==> flow/design.v <==
module gen_mul #(
    parameter W = 8,
    parameter K = 16
) (
    input  wire clk,
    input  wire [W-1:0] A_in,
    input  wire [K-1:0] B_in,
    output wire [W+K-1:0] m_out
);
    reg [W-1:0] A_ff;
    reg [K-1:0] B_ff;
    assign m_out = A_ff * B_ff;
    always @(posedge clk) begin
        A_ff <= A_in;
        B_ff <= B_in;
    end
endmodule
-- Step by step through the tools: gen_mul
What the tools print for gen_mul, step after step.
Lines are those of the file above, counted from 1.
Operators carry their Yosys type and port widths (W data, S select, Z words).
Library cell names are shortened.
Not given: n/a
- design top: gen_mul
- clock port: clk
- cell library: sky130hd
- corner: tt_025C_1v80

-- Word level
Source: Yosys, flattened and elaborated, memories not mapped. Widths are those after wreduce; folded enables and synchronous resets count as part of the registers. Registers that Yosys merges into a memory's read port (data or address) are not register bits. Print and check cells do not count. Equal cells are merged and count once.
- noted multipliers: 1
- operator list (cell ; number):
    $mul A8 B16 Y24 ; 1
- register bits at 24
- noted input bits: 25

-- Logic depth
Depth = most cells in a row (Yosys ltp): at word level without a register or memory, in the mapped netlist without a sequential cell, where the memories' decode and read muxes count.
- word-level depth: 1
- ABC_AREA: 1
- noted gate-level depth with buffers: 22
- noted mapped depth without buffers: 21

-- Netlist
The flow's flattened synthesis, as Yosys stat reports it; memories are mapped. The netlist is that of the ABC_AREA named above (0 if unset); the other value can give another one.
The area totals of this step are shown rounded.
- cell count: 755
- noted chip area (Yosys): 5177 µm²
- sequential part of the area at 480.5 µm²
- flip-flop cells at 24
- noted buffer cells: 32
- cells by type (cell ; number ; total area (µm²)):
    fa_1 ; 84 ; 1.68E+03
    inv_1 ; 244 ; 915.878
    nand2_1 ; 233 ; 874.589
    ha_1 ; 44 ; 550.528
    dfxtp_1 ; 24 ; 480.461
    clkbuf_1 ; 30 ; 112.608
    nand3_1 ; 19 ; 95.091
    xor2_1 ; 8 ; 70.067
    nand2_2 ; 11 ; 68.816
    nor2_1 ; 16 ; 60.058
    a21oi_1 ; 11 ; 55.053
    nor2_2 ; 6 ; 37.536
    o21bai_1 ; 4 ; 30.029
    nor2_4 ; 2 ; 22.522
    nand3_2 ; 2 ; 20.019
    nor3_1 ; 4 ; 20.019
    and2_4 ; 2 ; 17.517
    xnor2_1 ; 2 ; 17.517
Not listed: further types 5, cells in them 9.

-- Worst setup path after synthesis
Source: OpenSTA report_checks on the synthesized netlist (no wires, ideal clock, input and output delay 20% of the period each), path of least setup slack; recovery checks are left aside. Register names are those of the netlist, which keeps one name where synthesis merged equal registers.
- path kind: register to output
- start: reg A_ff[5]
- end: out m_out[21]
- noted period: 6900 ps
- output delay at 1380 ps
- noted time at the first pin: 0 ps
- noted arrival: 4047 ps
- noted required time: 5520 ps
- setup slack: 1473 ps
- delay of the path at 4047 ps
- noted driving pins on the path: 20
- noted path buffers: 2
- noted period reached after synthesis: 5427 ps
"delay of the path" = arrival - input delay + setup time.
At an output port there is no setup time.
"driving pins on the path": output pins that drive a net of the path, with the launching flip-flop's if there is one; two outputs of one cell count as two.
"period reached after synthesis" = period - worst setup slack (recovery checks aside). The figure is calculated, with input and output delays left at 20% of the set period.
The rows between start and end are the longest chain of elaborated cells between them; the timing report does not say that the signal goes this way. Where chains are equally long, one stands for them.
Each line given opens the expression or statement behind the cell; cells for indexed reads and writes are added by Yosys, which also makes memories of some case tables.
- path through: dfxtp_1 -> clkbuf_1 -> clkbuf_1 -> nand2_1 -> inv_1 -> fa_1 -> fa_1 -> fa_1 -> inv_1 -> fa_1 -> inv_1 -> ha_1 -> nand2_2 -> inv_2 -> a21oi_1 -> nand3_1 -> nand2_1 -> nand2_1 -> nand2_1 -> nand2_1
- cells in the longest elaborated chain: 1
- noted elaborated cells between the ends (all ways): 1
- RTL lines with such cells: 1
- classes of those cells: mul (1)
- ends and longest elaborated chain, post-synthesis (element ; line ; RTL):
    from (decl) ; 10 ; reg [W-1:0] A_ff;
    from (assign) ; 14 ; A_ff <= A_in;
    $mul A8 B16 Y24 ; 12 ; assign m_out = A_ff * B_ff;
    to (decl) ; 8 ; output wire [W+K-1:0] m_out

-- Worst path after layout
Path of least setup slack in the final report of run 1 (OpenROAD, finished layout, wires in). Where an end is a register, its clock arrival counts in the times.
The report prints the path's times to 10 ps; the period is as set.
- path kind: register to output
- start: reg A_ff[5]
- end: out m_out[21]
- noted period: 7830 ps
- output delay at 1570 ps
- noted time at the first pin: 270 ps
- noted arrival: 5360 ps
- noted required time: 6260 ps
- setup slack: 900 ps
- noted driving pins on the path: 18
- noted path buffers: 1
The rows between start and end are the longest chain of elaborated cells between them; the timing report does not say that the signal goes this way. Where chains are equally long, one stands for them.
- path through: dfxtp_1 -> nand2_1 -> fa_1 -> inv_1 -> fa_1 -> fa_1 -> inv_1 -> fa_1 -> inv_1 -> ha_1 -> nand2_2 -> inv_2 -> a21oi_1 -> nand3_1 -> nand2_1 -> nand3_1 -> nand2_1 -> clkdlybuf4s50_1
- cells in the longest elaborated chain: 1
- noted elaborated cells between the ends (all ways): 1
- RTL lines with such cells: 1
- classes of those cells: mul (1)
- ends and longest elaborated chain, after layout (element ; line ; RTL):
    from (decl) ; 10 ; reg [W-1:0] A_ff;
    from (assign) ; 14 ; A_ff <= A_in;
    $mul A8 B16 Y24 ; 12 ; assign m_out = A_ff * B_ff;
    to (decl) ; 8 ; output wire [W+K-1:0] m_out

3 stored runs of gen_mul in the flow (synthesis by Yosys, layout by OpenROAD, sky130hd cells), in arbitrary order. Constraints: input delay and output delay 20% of the set period each, output load 0.01 pF.
"achieved clock period": clock period set for the run, less the worst setup slack. It is reckoned from that one timing run; input and output delays stay at 20% of the period that was set.
"worst path time": the worst setup path's part of the clock period (all of it between registers, 20% less for each end at a port) less its slack. A launch clock that arrives late makes it longer, a capture clock that arrives late makes it shorter.
"worst path time" is given in steps of 10 ps.
The results are shown rounded.

Run 1
Settings were period_ns = 7.83; CORE_UTILIZATION = 21; PLACE_DENSITY_LB_ADDON = 0.0; CORE_MARGIN = 3; CELL_PAD_IN_SITES_GLOBAL_PLACEMENT = 0; CELL_PAD_IN_SITES_DETAIL_PLACEMENT = 1; ABC_AREA = 1; GPL_ROUTABILITY_DRIVEN = 1; CAP_MARGIN = 15; MIN_ROUTING_LAYER = met1; SLEW_MARGIN = 20
- noted the chip area after synthesis (Yosys): 5177 µm²
- die area: 26570 µm²
- standard-cell area of the final layout at 6042 µm²
- utilization of the finished layout at 0.254
- worst slack on setup checks at 902 ps
- total negative slack on setup checks: 0 ps
- noted the worst-case hold slack: 1736 ps
- achieved clock period: 6928 ps
- noted the worst path time: 5360 ps
- worst setup path type: register to output

Run 2
Settings were period_ns = 5.18; CORE_UTILIZATION = 64; SETUP_SLACK_MARGIN = 1.53; PLACE_DENSITY_LB_ADDON = 0.18; HOLD_SLACK_MARGIN = 0.02; CORE_ASPECT_RATIO = 1.39; CELL_PAD_IN_SITES_GLOBAL_PLACEMENT = 1; ABC_AREA = 0; GPL_TIMING_DRIVEN = 0; GPL_ROUTABILITY_DRIVEN = 0; CTS_CLUSTER_DIAMETER = 193; MIN_ROUTING_LAYER = met1; MAX_ROUTING_LAYER = met5; CAP_MARGIN = 20; CORE_MARGIN = 2; SLEW_MARGIN = 20
- no final report: placement broke off with FLW-0024

Run 3
Settings were period_ns = 6.9; CAP_MARGIN = 20; CORE_MARGIN = 2; CORE_UTILIZATION = 40; SLEW_MARGIN = 20
- noted the chip area after synthesis (Yosys): 4657 µm²
- die area: 12520 µm²
- standard-cell area of the final layout at 5395 µm²
- utilization of the finished layout at 0.475
- worst slack on setup checks at 263 ps
- total negative slack on setup checks: 0 ps
- noted the worst-case hold slack: 1557 ps
- achieved clock period: 6637 ps
- noted the worst path time: 5260 ps
- worst setup path type: register to output
